==> flow/design.v <==
module cmp #(
   parameter integer WIDTH = 32
) (
   input  wire i_clk,
   input  wire rst_ni,
   input  wire [WIDTH-1:0] i_src1,
   input  wire [WIDTH-1:0] i_src2,
   output wire o_is_lt,
   output wire o_match
);
   reg [WIDTH-1:0] src1_ff;
   reg [WIDTH-1:0] src2_ff;
   reg [WIDTH:0] work_ff;
   reg is_lt_ff;
   assign o_is_lt = is_lt_ff;
   reg match_ff;
   assign o_match = match_ff;
   always @(posedge i_clk) begin
      if (!rst_ni) begin
         src1_ff <= 0;
         src2_ff <= 0;
         work_ff <= 0;
         is_lt_ff <= 1'b0;
         match_ff <= 1'b0;
      end else begin
         src1_ff <= i_src1;
         src2_ff <= i_src2;
         work_ff <= {1'b0, src1_ff} - {1'b0, src2_ff};
         is_lt_ff <= work_ff[WIDTH];
         match_ff <= ~|work_ff[WIDTH-1:0];
      end
   end
endmodule
From RTL to reports: cmp
Tool output for the design above, in the order of the flow.
Lines are those of the file above, counted from 1.
The mark n/a stands for no value.
- top module: cmp
- clock port: i_clk
- standard-cell library: sky130hd
- library corner: tt_025C_1v80

Word-level counts
Counts by Yosys on the flattened word-level netlist (proc, flatten, opt, wreduce; memories kept). Register bits leave out memories and registers merged into their read ports (data or address); mux counts leave out enables and synchronous resets folded into registers. Print and check cells are left out. Cells with the same type and inputs are merged into one.
- memories kept at 0
- output and inout bits at 2
- RAM bits at 0
- input bits: 66
- noted bits in read-only memories: 0
- noted bits in latches: 0
- elaborated cells: 8
- register bits after elaboration: 99
- clocked read ports x word width at 0
- div/mod/pow operators: 0
- noted $mul: 0
- noted order comparisons: 0
- noted bitwise gates (word level): 0
- reduce/logical cells: 2
- add/sub/neg operators at 1
- mux-type cells at 0
- noted shift-type cells: 0
- noted equal/unequal tests: 0
- operators by type and width (operator ; count):
    subtractor 32 x 32 -> 33 bit ; 1
    OR reduction 32 bit ; 1
    zero test 1 bit ; 1

Logic depth
Longest topological path by Yosys (ltp), each cell counted once; first at word level (registers and memories cut), then after technology mapping (sequential cells cut; the memories' decode and read muxes count).
- noted word-level depth: 2
- ABC_AREA: 0
- noted depth in mapped cells: 10
- depth with buffers taken out at 10

Synthesis result
The flow's flattened synthesis, as Yosys stat reports it; memories are mapped. The netlist is that of the ABC_AREA named above (0 if unset); the other value can give another one.
- cell types (cell type ; count ; total area (um^2)):
    sky130_fd_sc_hd__dfxtp_1 ; 99 ; 1.98E+03
    sky130_fd_sc_hd__and2_1 ; 82 ; 512.992
    sky130_fd_sc_hd__ha_1 ; 32 ; 400.384
    sky130_fd_sc_hd__a21oi_1 ; 35 ; 175.168
    sky130_fd_sc_hd__nand2_1 ; 37 ; 138.883
    sky130_fd_sc_hd__inv_1 ; 36 ; 135.13
    sky130_fd_sc_hd__o21ai_0 ; 23 ; 115.11
    sky130_fd_sc_hd__nand4_1 ; 12 ; 75.072
    sky130_fd_sc_hd__clkbuf_1 ; 19 ; 71.318
    sky130_fd_sc_hd__nor2_1 ; 19 ; 71.318
    sky130_fd_sc_hd__xor2_1 ; 8 ; 70.067
    sky130_fd_sc_hd__nor2b_1 ; 10 ; 62.56
    sky130_fd_sc_hd__xnor2_1 ; 7 ; 61.309
    sky130_fd_sc_hd__a21o_1 ; 8 ; 60.058
    sky130_fd_sc_hd__mux2i_1 ; 6 ; 60.058
    sky130_fd_sc_hd__nand3_1 ; 10 ; 50.048
    sky130_fd_sc_hd__nor3b_1 ; 6 ; 45.043
    sky130_fd_sc_hd__o21bai_1 ; 6 ; 45.043
Not listed: further types 39, cells in them 76.
- standard cells after synthesis at 531
- sequential area: 1981.9 um^2
- flip-flop cells: 99
- buffer cells: 21
- cell area after synthesis: 4728.3 um^2

Path before layout
Path of least setup slack by OpenSTA after synthesis, without wires, with an ideal clock, recovery checks aside; 20% of the period is set as input and as output delay. Where synthesis merged equal registers, the netlist keeps one of their names.
- path kind: register -> register
- start point: reg src1_ff[0]
- end point: reg work_ff[20]
- launch time at the first pin at 0 ps
- buffers on the path: 0
- noted stages on the path: 11
- noted required time: 2866 ps
- path slack at 598 ps
- arrival: 2268 ps
- noted period: 3000 ps
- setup time at 134 ps
- delay of the path: 2402 ps
- synthesis period reached at 2402 ps
"delay of the path" is the arrival time less input delay plus setup time.
"stages on the path" counts driving pins, that of a launching flip-flop among them; a cell with two outputs on the path counts twice.
"synthesis period reached" = period - worst setup slack (recovery checks aside). The figure is calculated, with input and output delays left at 20% of the set period.
Between the ends stands the longest chain of elaborated cells between them, by number of cells; it is not shown to be the way that was timed. Of several equally long chains one is given.
Each line given opens the expression or statement behind the cell; cells for indexed reads and writes are added by Yosys, which also makes memories of some case tables.
- cell sequence: sky130_fd_sc_hd__dfxtp_1 -> sky130_fd_sc_hd__inv_1 -> sky130_fd_sc_hd__ha_1 -> sky130_fd_sc_hd__fa_1 -> sky130_fd_sc_hd__nor2b_1 -> sky130_fd_sc_hd__o2111ai_2 -> sky130_fd_sc_hd__a21oi_1 -> sky130_fd_sc_hd__o31ai_4 -> sky130_fd_sc_hd__nand3_2 -> sky130_fd_sc_hd__nor2_1 -> sky130_fd_sc_hd__or4_1
- length of the longest elaborated chain at 1
- elaborated cells between the ends (all ways) at 1
- noted source lines of those cells: 1
- those cells by class: add/sub (1)
- RTL lines, path after synthesis (item ; line ; source):
    start: declaration ; 11 ; reg [WIDTH-1:0] src1_ff;
    start: assignment ; 20 ; src1_ff <= 0;
    start: assignment ; 26 ; src1_ff <= i_src1;
    subtractor 32 x 32 -> 33 bit ; 28 ; work_ff <= {1'b0, src1_ff} - {1'b0, src2_ff};
    end: assignment ; 22 ; work_ff <= 0;
    end: assignment ; 28 ;
    end: declaration ; 13 ; reg [WIDTH:0] work_ff;

Timing after layout
From the final timing report of stored run 2: the path of least setup slack in the routed layout; clock arrival at registers is part of the times.
The path's times are printed in steps of 10 ps; the period is the one set.
- path kind: register -> register
- start point: reg src1_ff[0]
- end point: reg work_ff[20]
- launch time at the first pin at 340 ps
- noted period: 3400 ps
- path slack at 790 ps
- noted stages on the path: 11
- setup time at 130 ps
- arrival: 2810 ps
- buffers on the path: 0
- noted required time: 3610 ps
Between the ends stands the longest chain of elaborated cells between them, by number of cells; it is not shown to be the way that was timed. Of several equally long chains one is given.
- cell sequence: sky130_fd_sc_hd__dfxtp_1 -> sky130_fd_sc_hd__inv_1 -> sky130_fd_sc_hd__ha_1 -> sky130_fd_sc_hd__fa_1 -> sky130_fd_sc_hd__nor2b_1 -> sky130_fd_sc_hd__o2111ai_2 -> sky130_fd_sc_hd__a21oi_2 -> sky130_fd_sc_hd__o31ai_4 -> sky130_fd_sc_hd__nand3_2 -> sky130_fd_sc_hd__nor2_1 -> sky130_fd_sc_hd__or4_1
- length of the longest elaborated chain at 1
- elaborated cells between the ends (all ways) at 1
- noted source lines of those cells: 1
- those cells by class: add/sub (1)
- RTL lines, path post-layout (item ; line ; source):
    start: declaration ; 11 ; reg [WIDTH-1:0] src1_ff;
    start: assignment ; 20 ; src1_ff <= 0;
    start: assignment ; 26 ; src1_ff <= i_src1;
    subtractor 32 x 32 -> 33 bit ; 28 ; work_ff <= {1'b0, src1_ff} - {1'b0, src2_ff};
    end: assignment ; 22 ; work_ff <= 0;
    end: assignment ; 28 ;
    end: declaration ; 13 ; reg [WIDTH:0] work_ff;

Top module cmp; platform sky130hd; tools Yosys and OpenROAD; 3 stored runs in no particular order. Input and output delays are each 20% of the period that was set; the output load is 0.01 pF.
"period achieved" means the clock period less the worst setup slack. The figure is calculated, with input and output delays left at 20% of the set period.
"time on the worst setup path" is the time allowed to the run's worst setup path (the clock period less input and output delay, where it has them) less its slack. Clock arrival times count: a late capture clock shortens it, a late launch clock lengthens it.
"total power after layout": no workload was simulated; the value follows from the tool's default switching activity.
"time on the worst setup path" is given in steps of 10 ps.

Stored run 1
Settings were period_ns = 1.6; CORE_UTILIZATION = 46; PLACE_DENSITY = 0.62; HOLD_SLACK_MARGIN = 0.1; CELL_PAD_IN_SITES_GLOBAL_PLACEMENT = 0; CELL_PAD_IN_SITES_DETAIL_PLACEMENT = 2; ABC_AREA = 0; CTS_CLUSTER_SIZE = 90; CTS_CLUSTER_DIAMETER = 239; MIN_ROUTING_LAYER = met2; CAP_MARGIN = 20; CORE_MARGIN = 2; SLEW_MARGIN = 20
- no final report: placement broke off with DPL-0033

Stored run 2
Settings were period_ns = 3.4; CORE_UTILIZATION = 45; SETUP_SLACK_MARGIN = 0.56; CORE_ASPECT_RATIO = 0.87; CORE_MARGIN = 4; CELL_PAD_IN_SITES_DETAIL_PLACEMENT = 1; TNS_END_PERCENT = 30; CTS_CLUSTER_DIAMETER = 397; MAX_ROUTING_LAYER = met4; CAP_MARGIN = 20; SLEW_MARGIN = 20
- area inside the die boundary: 12215.1 um^2
- time on the worst setup path: 2610 ps
- worst setup path type: register -> register
- period achieved: 2606 ps
- summed negative setup slack at 0 ps
- standard-cell area after routing at 5780.5 um^2
- synthesis area: 4728.3 um^2
- total power after layout at 0.002934 W
- noted the worst hold slack: 450 ps
- setup slack of the worst path: 794 ps

Stored run 3
Settings were period_ns = 3.0; CAP_MARGIN = 20; CORE_MARGIN = 2; CORE_UTILIZATION = 40; SLEW_MARGIN = 20
- area inside the die boundary: 12706.9 um^2
- time on the worst setup path: 2710 ps
- worst setup path type: register -> register
- period achieved: 2714 ps
- summed negative setup slack at 0 ps
- standard-cell area after routing at 5816.8 um^2
- synthesis area: 4728.3 um^2
- total power after layout at 0.003332 W
- noted the worst hold slack: 441 ps
- setup slack of the worst path: 286 ps
